==> flow/design.v <==
module gen_reg_file_mod #(
    parameter NWORDS = 48,
    parameter DATA_W = 12,
    parameter RPORTS = 1,
    parameter ADDR_WIDTH = $clog2(NWORDS)
) (
    input wire clock,
    input wire rst_n,
    input wire we,
    input wire [ADDR_WIDTH-1:0] wr_addr,
    input wire [DATA_W-1:0] wr_data,
    input wire [RPORTS*ADDR_WIDTH-1:0] rd_addr,
    output reg [RPORTS*DATA_W-1:0] q
);
    reg [DATA_W-1:0] bank [0:NWORDS-1];
    always @(posedge clock) begin
        if (we)
            bank[wr_addr] <= wr_data;
    end
    wire [RPORTS*DATA_W-1:0] tmp;
    genvar gj;
    generate
        for (gj = 0; gj < RPORTS; gj = gj + 1) begin : gen
            assign tmp[gj*DATA_W +: DATA_W] = bank[rd_addr[gj*ADDR_WIDTH +: ADDR_WIDTH]];
        end
    endgenerate
    always @(posedge clock or negedge rst_n) begin
        if (!rst_n) begin
            q <= 0;
        end else begin
            q <= tmp;
        end
    end
endmodule
Reports on gen_reg_file_mod
The steps from the RTL of gen_reg_file_mod to its reports follow in flow order.
Lines are those of the file above, counted from 1.
Operators carry their Yosys type and port widths (W data, S select, Z words).
Not given: -
- top: gen_reg_file_mod
- clock input: clock
- library: sky130hd
- library corner: tt_025C_1v80

After elaboration
Counts by Yosys on the flattened word-level netlist (proc, flatten, opt, wreduce; memories kept). Register bits leave out memories and registers merged into their read ports (data or address); mux counts leave out enables and synchronous resets folded into registers. Print and check cells are left out. Cells with the same type and inputs are merged into one.
Memory sizes are those after Yosys's memory passes, which may raise the word count (mostly to a power of two), join words into wider ones and drop unused or constant bits.
- register bits after elaboration: 0
- bits in writable memories at 576
- clocked read ports x word width at 12
- memories kept at 1
- input bits at 27
- output and inout port bits: 12
- word-level cells at 5
- memories (memory ; words ; bits a word ; rd ports ; write ports ; line ; source):
    bank ; 48 ; 12 ; 1 ; 1 ; 15 ; reg [DATA_W-1:0] bank [0:NWORDS-1];
- noted muxes and demuxes: 3
- reduce/logical cells: 1
- operators with widths (cell ; count):
    $mux W12 ; 1
    $mux W6 ; 1
    $logic_not A1 Y1 ; 1
    $mux W1 ; 1

Longest topological paths
Longest topological path by Yosys (ltp), each cell counted once; first at word level (registers and memories cut), then after technology mapping (sequential cells cut; the memories' decode and read muxes count).
- depth after elaboration: 1
- ABC_AREA at 0
- depth in mapped cells at 9
- noted mapped depth without buffers: 5

Netlist
Source: synth_stat.txt of the flow (Yosys; design flattened, memories mapped). It holds for the ABC_AREA given above (unset counts as 0); a run with the other value may have another netlist.
- cell count: 1142
- synthesis area: 0.0229307 mm2
- sequential area: 0.0175969 mm2
- noted flip-flops: 588
- buffer cells at 66
- cell types (cell type ; count ; total area (um2)):
    sky130_fd_sc_hd__edfxtp_1 ; 576 ; 1.73E+04
    sky130_fd_sc_hd__mux2i_1 ; 192 ; 1.92E+03
    sky130_fd_sc_hd__mux4_2 ; 60 ; 1.35E+03
    sky130_fd_sc_hd__a22oi_1 ; 48 ; 360.346
    sky130_fd_sc_hd__dfrtp_1 ; 12 ; 300.288
    sky130_fd_sc_hd__a22o_1 ; 24 ; 210.202
    sky130_fd_sc_hd__o41ai_2 ; 12 ; 195.187
    sky130_fd_sc_hd__nor2_1 ; 49 ; 183.926
    sky130_fd_sc_hd__a221oi_1 ; 18 ; 157.651
    sky130_fd_sc_hd__a21oi_1 ; 24 ; 120.115
    sky130_fd_sc_hd__buf_4 ; 16 ; 120.115
    sky130_fd_sc_hd__clkbuf_1 ; 28 ; 105.101
    sky130_fd_sc_hd__a221oi_2 ; 6 ; 90.086
    sky130_fd_sc_hd__buf_12 ; 4 ; 80.077
    sky130_fd_sc_hd__o22ai_1 ; 12 ; 75.072
    sky130_fd_sc_hd__nand2_1 ; 19 ; 71.318
    sky130_fd_sc_hd__buf_6 ; 4 ; 45.043
    sky130_fd_sc_hd__buf_8 ; 3 ; 45.043
Not listed: further types 13, cells in them 35.

Worst setup path after synthesis
Source: OpenSTA report_checks on the synthesized netlist (no wires, ideal clock, input and output delay 20% of the period each), path of least setup slack; recovery checks are left aside. Register names are those of the netlist, which keeps one name where synthesis merged equal registers.
- kind: input to register
- start point: input wr_addr[3]
- end point: memory bank[32][0]
- noted clock period: 2730 ps
- noted external input delay: 546 ps
- noted setup time: 396 ps
- time at the first pin at 546 ps
- noted arrival: 1897 ps
- data required time at 2334 ps
- setup slack: 437 ps
- delay of the path: 1747 ps
- stages on the path: 3
- path buffers at 0
- period reached after synthesis: 2293 ps
"delay of the path" is the arrival time less input delay plus setup time.
"stages on the path" counts driving pins, that of a launching flip-flop among them; a cell with two outputs on the path counts twice.
"period reached after synthesis" is the clock period less the worst setup slack; recovery checks do not enter. This is arithmetic on one report: input and output delays are still those of the set period (20% each).
The rows between start and end are the longest chain of elaborated cells between them; the timing report does not say that the signal goes this way. Where chains are equally long, one stands for them.
Each line given opens the expression or statement behind the cell; cells for indexed reads and writes are added by Yosys, which also makes memories of some case tables.
- path through: sky130_fd_sc_hd__nor4bb_1 sky130_fd_sc_hd__nand2b_1 sky130_fd_sc_hd__nor3_1
- noted length of the longest elaborated chain: 1
- noted elaborated cells on any way between the ends: 1
- noted source lines of those cells: 1
- classes of those cells: mux: 1
- ends and longest elaborated chain, after synthesis (element ; line ; source):
    start: declaration ; 10 ; input wire [ADDR_WIDTH-1:0] wr_addr,
    $mux W6 ; 17 ; if (we)
    end: declaration ; 15 ; reg [DATA_W-1:0] bank [0:NWORDS-1];

Timing after layout
From the final timing report of record 1: the path of least setup slack in the routed layout; clock arrival at registers is part of the times.
The report prints the path's times to 10 ps; the period is as set.
- kind: input to register
- start point: input wr_addr[3]
- end point: memory bank[14][11]
- noted clock period: 2540 ps
- noted external input delay: 510 ps
- noted setup time: 360 ps
- time at the first pin at 510 ps
- noted arrival: 2880 ps
- data required time at 2770 ps
- setup slack: -120 ps
- stages on the path: 4
- path buffers at 2
The rows between start and end are the longest chain of elaborated cells between them; the timing report does not say that the signal goes this way. Where chains are equally long, one stands for them.
- path through: sky130_fd_sc_hd__clkdlybuf4s50_1 sky130_fd_sc_hd__or3b_2 sky130_fd_sc_hd__clkbuf_1 sky130_fd_sc_hd__nor2_2
- noted length of the longest elaborated chain: 1
- noted elaborated cells on any way between the ends: 1
- noted source lines of those cells: 1
- classes of those cells: mux: 1
- ends and longest elaborated chain, post-layout (element ; line ; source):
    start: declaration ; 10 ; input wire [ADDR_WIDTH-1:0] wr_addr,
    $mux W6 ; 17 ; if (we)
    end: declaration ; 15 ; reg [DATA_W-1:0] bank [0:NWORDS-1];

==> runs of gen_reg_file_mod <==
Stored flow runs of gen_reg_file_mod (3 of them; Yosys, OpenROAD, sky130hd). They differ in their settings and are not a sequence. Constraints: input delay and output delay 20% of the set period each, output load 0.01 pF.
"achieved clock period": clock period set for the run, less the worst setup slack. It is reckoned from that one timing run; input and output delays stay at 20% of the period that was set.
"critical path time" means the part of the period allowed to the worst setup path (the constraints hold back 20% at inputs and 20% at outputs) less its slack; where the path has registers, the arrival times of their clocks count too.
By "total design power" is meant OpenSTA's value without simulated activity: inputs other than the clock are taken to toggle once in ten clock periods, and the tool carries that through the logic.
"critical path time" is given in steps of 10 ps.

Record 1

==> flow/run.sh <==
#!/bin/bash
# the make line also repeats the synthesis and layout settings of config.mk as NAME=value (left out here)
make -C /OpenROAD-flow-scripts/flow DESIGN_CONFIG=/design/flow/config.mk WORK_HOME=/design/flow/orfs CLKGATE_MAP_FILE= finish
==> flow/config.mk <==
export PLATFORM = sky130hd
export DESIGN_NAME = gen_reg_file_mod
export DESIGN_NICKNAME = gen_reg_file_mod
export VERILOG_FILES = /design/flow/design.v
export SDC_FILE = /design/flow/constraint.sdc
export NUM_CORES = 4
export LEC_CHECK = 0
export CAP_MARGIN = 0
export CELL_PAD_IN_SITES_DETAIL_PLACEMENT = 2
export CELL_PAD_IN_SITES_GLOBAL_PLACEMENT = 1
export CORE_MARGIN = 2
export CORE_UTILIZATION = 49
export CTS_CLUSTER_DIAMETER = 97
export CTS_CLUSTER_SIZE = 41
export GPL_ROUTABILITY_DRIVEN = 1
export GPL_TIMING_DRIVEN = 0
export PLACE_DENSITY_LB_ADDON = 0.25
export SLEW_MARGIN = 20
==> flow/constraint.sdc <==
create_clock -name core_clock -period 2.54 [get_ports {clock}]
set_input_delay 0.5080 -clock core_clock [delete_from_list [all_inputs] [get_ports {clock}]]
set_output_delay 0.5080 -clock core_clock [all_outputs]
set_load 0.01 [all_outputs]

Measured in record 1:
- noted the chip area in the Yosys report: 0.0229307 mm2
- critical path time: 2150 ps
- critical path kind: input to register
- achieved clock period: 2658 ps
- area inside the die boundary: 0.0485431 mm2
- noted the standard-cell area after routing: 0.0251929 mm2
- noted the smallest setup slack: -118 ps
- total design power at 16.816 mW

Record 2

==> flow/run.sh <==
#!/bin/bash
# the make line also repeats the synthesis and layout settings of config.mk as NAME=value (left out here)
make -C /OpenROAD-flow-scripts/flow DESIGN_CONFIG=/design/flow/config.mk WORK_HOME=/design/flow/orfs CLKGATE_MAP_FILE= finish
==> flow/config.mk <==
export PLATFORM = sky130hd
export DESIGN_NAME = gen_reg_file_mod
export DESIGN_NICKNAME = gen_reg_file_mod
export VERILOG_FILES = /design/flow/design.v
export SDC_FILE = /design/flow/constraint.sdc
export NUM_CORES = 4
export LEC_CHECK = 0
export CAP_MARGIN = 20
export CORE_MARGIN = 2
export CORE_UTILIZATION = 40
export SLEW_MARGIN = 20
==> flow/constraint.sdc <==
create_clock -name core_clock -period 2.73 [get_ports {clock}]
set_input_delay 0.5460 -clock core_clock [delete_from_list [all_inputs] [get_ports {clock}]]
set_output_delay 0.5460 -clock core_clock [all_outputs]
set_load 0.01 [all_outputs]

Measured in record 2:
- noted the chip area in the Yosys report: 0.0229307 mm2
- critical path time: 1600 ps
- critical path kind: register to output
- achieved clock period: 2143 ps
- area inside the die boundary: 0.0592582 mm2
- noted the standard-cell area after routing: 0.0268645 mm2
- noted the smallest setup slack: 587 ps
- total design power at 18.965 mW

Record 3

==> flow/run.sh <==
#!/bin/bash
# the make line also repeats the synthesis and layout settings of config.mk as NAME=value (left out here)
make -C /OpenROAD-flow-scripts/flow DESIGN_CONFIG=/design/flow/config.mk WORK_HOME=/design/flow/orfs CLKGATE_MAP_FILE= finish
==> flow/config.mk <==
export PLATFORM = sky130hd
export DESIGN_NAME = gen_reg_file_mod
export DESIGN_NICKNAME = gen_reg_file_mod
export VERILOG_FILES = /design/flow/design.v
export SDC_FILE = /design/flow/constraint.sdc
export NUM_CORES = 4
export LEC_CHECK = 0
export CAP_MARGIN = 30
export CELL_PAD_IN_SITES_GLOBAL_PLACEMENT = 0
export CORE_ASPECT_RATIO = 0.83
export CORE_MARGIN = 8
export CORE_UTILIZATION = 57
export CTS_CLUSTER_DIAMETER = 153
export CTS_CLUSTER_SIZE = 49
export GPL_ROUTABILITY_DRIVEN = 0
export GPL_TIMING_DRIVEN = 1
export PLACE_DENSITY_LB_ADDON = 0.11
export SETUP_SLACK_MARGIN = 0.22
export SLEW_MARGIN = 0
==> flow/constraint.sdc <==
create_clock -name core_clock -period 1.6 [get_ports {clock}]
set_input_delay 0.3200 -clock core_clock [delete_from_list [all_inputs] [get_ports {clock}]]
set_output_delay 0.3200 -clock core_clock [all_outputs]
set_load 0.01 [all_outputs]

Measured in record 3:
- noted the chip area in the Yosys report: 0.0229307 mm2
- critical path time: 1780 ps
- critical path kind: register to register
- achieved clock period: 1784 ps
- area inside the die boundary: 0.0469311 mm2
- noted the standard-cell area after routing: 0.026892 mm2
- noted the smallest setup slack: -184 ps
- total design power at 25.174 mW
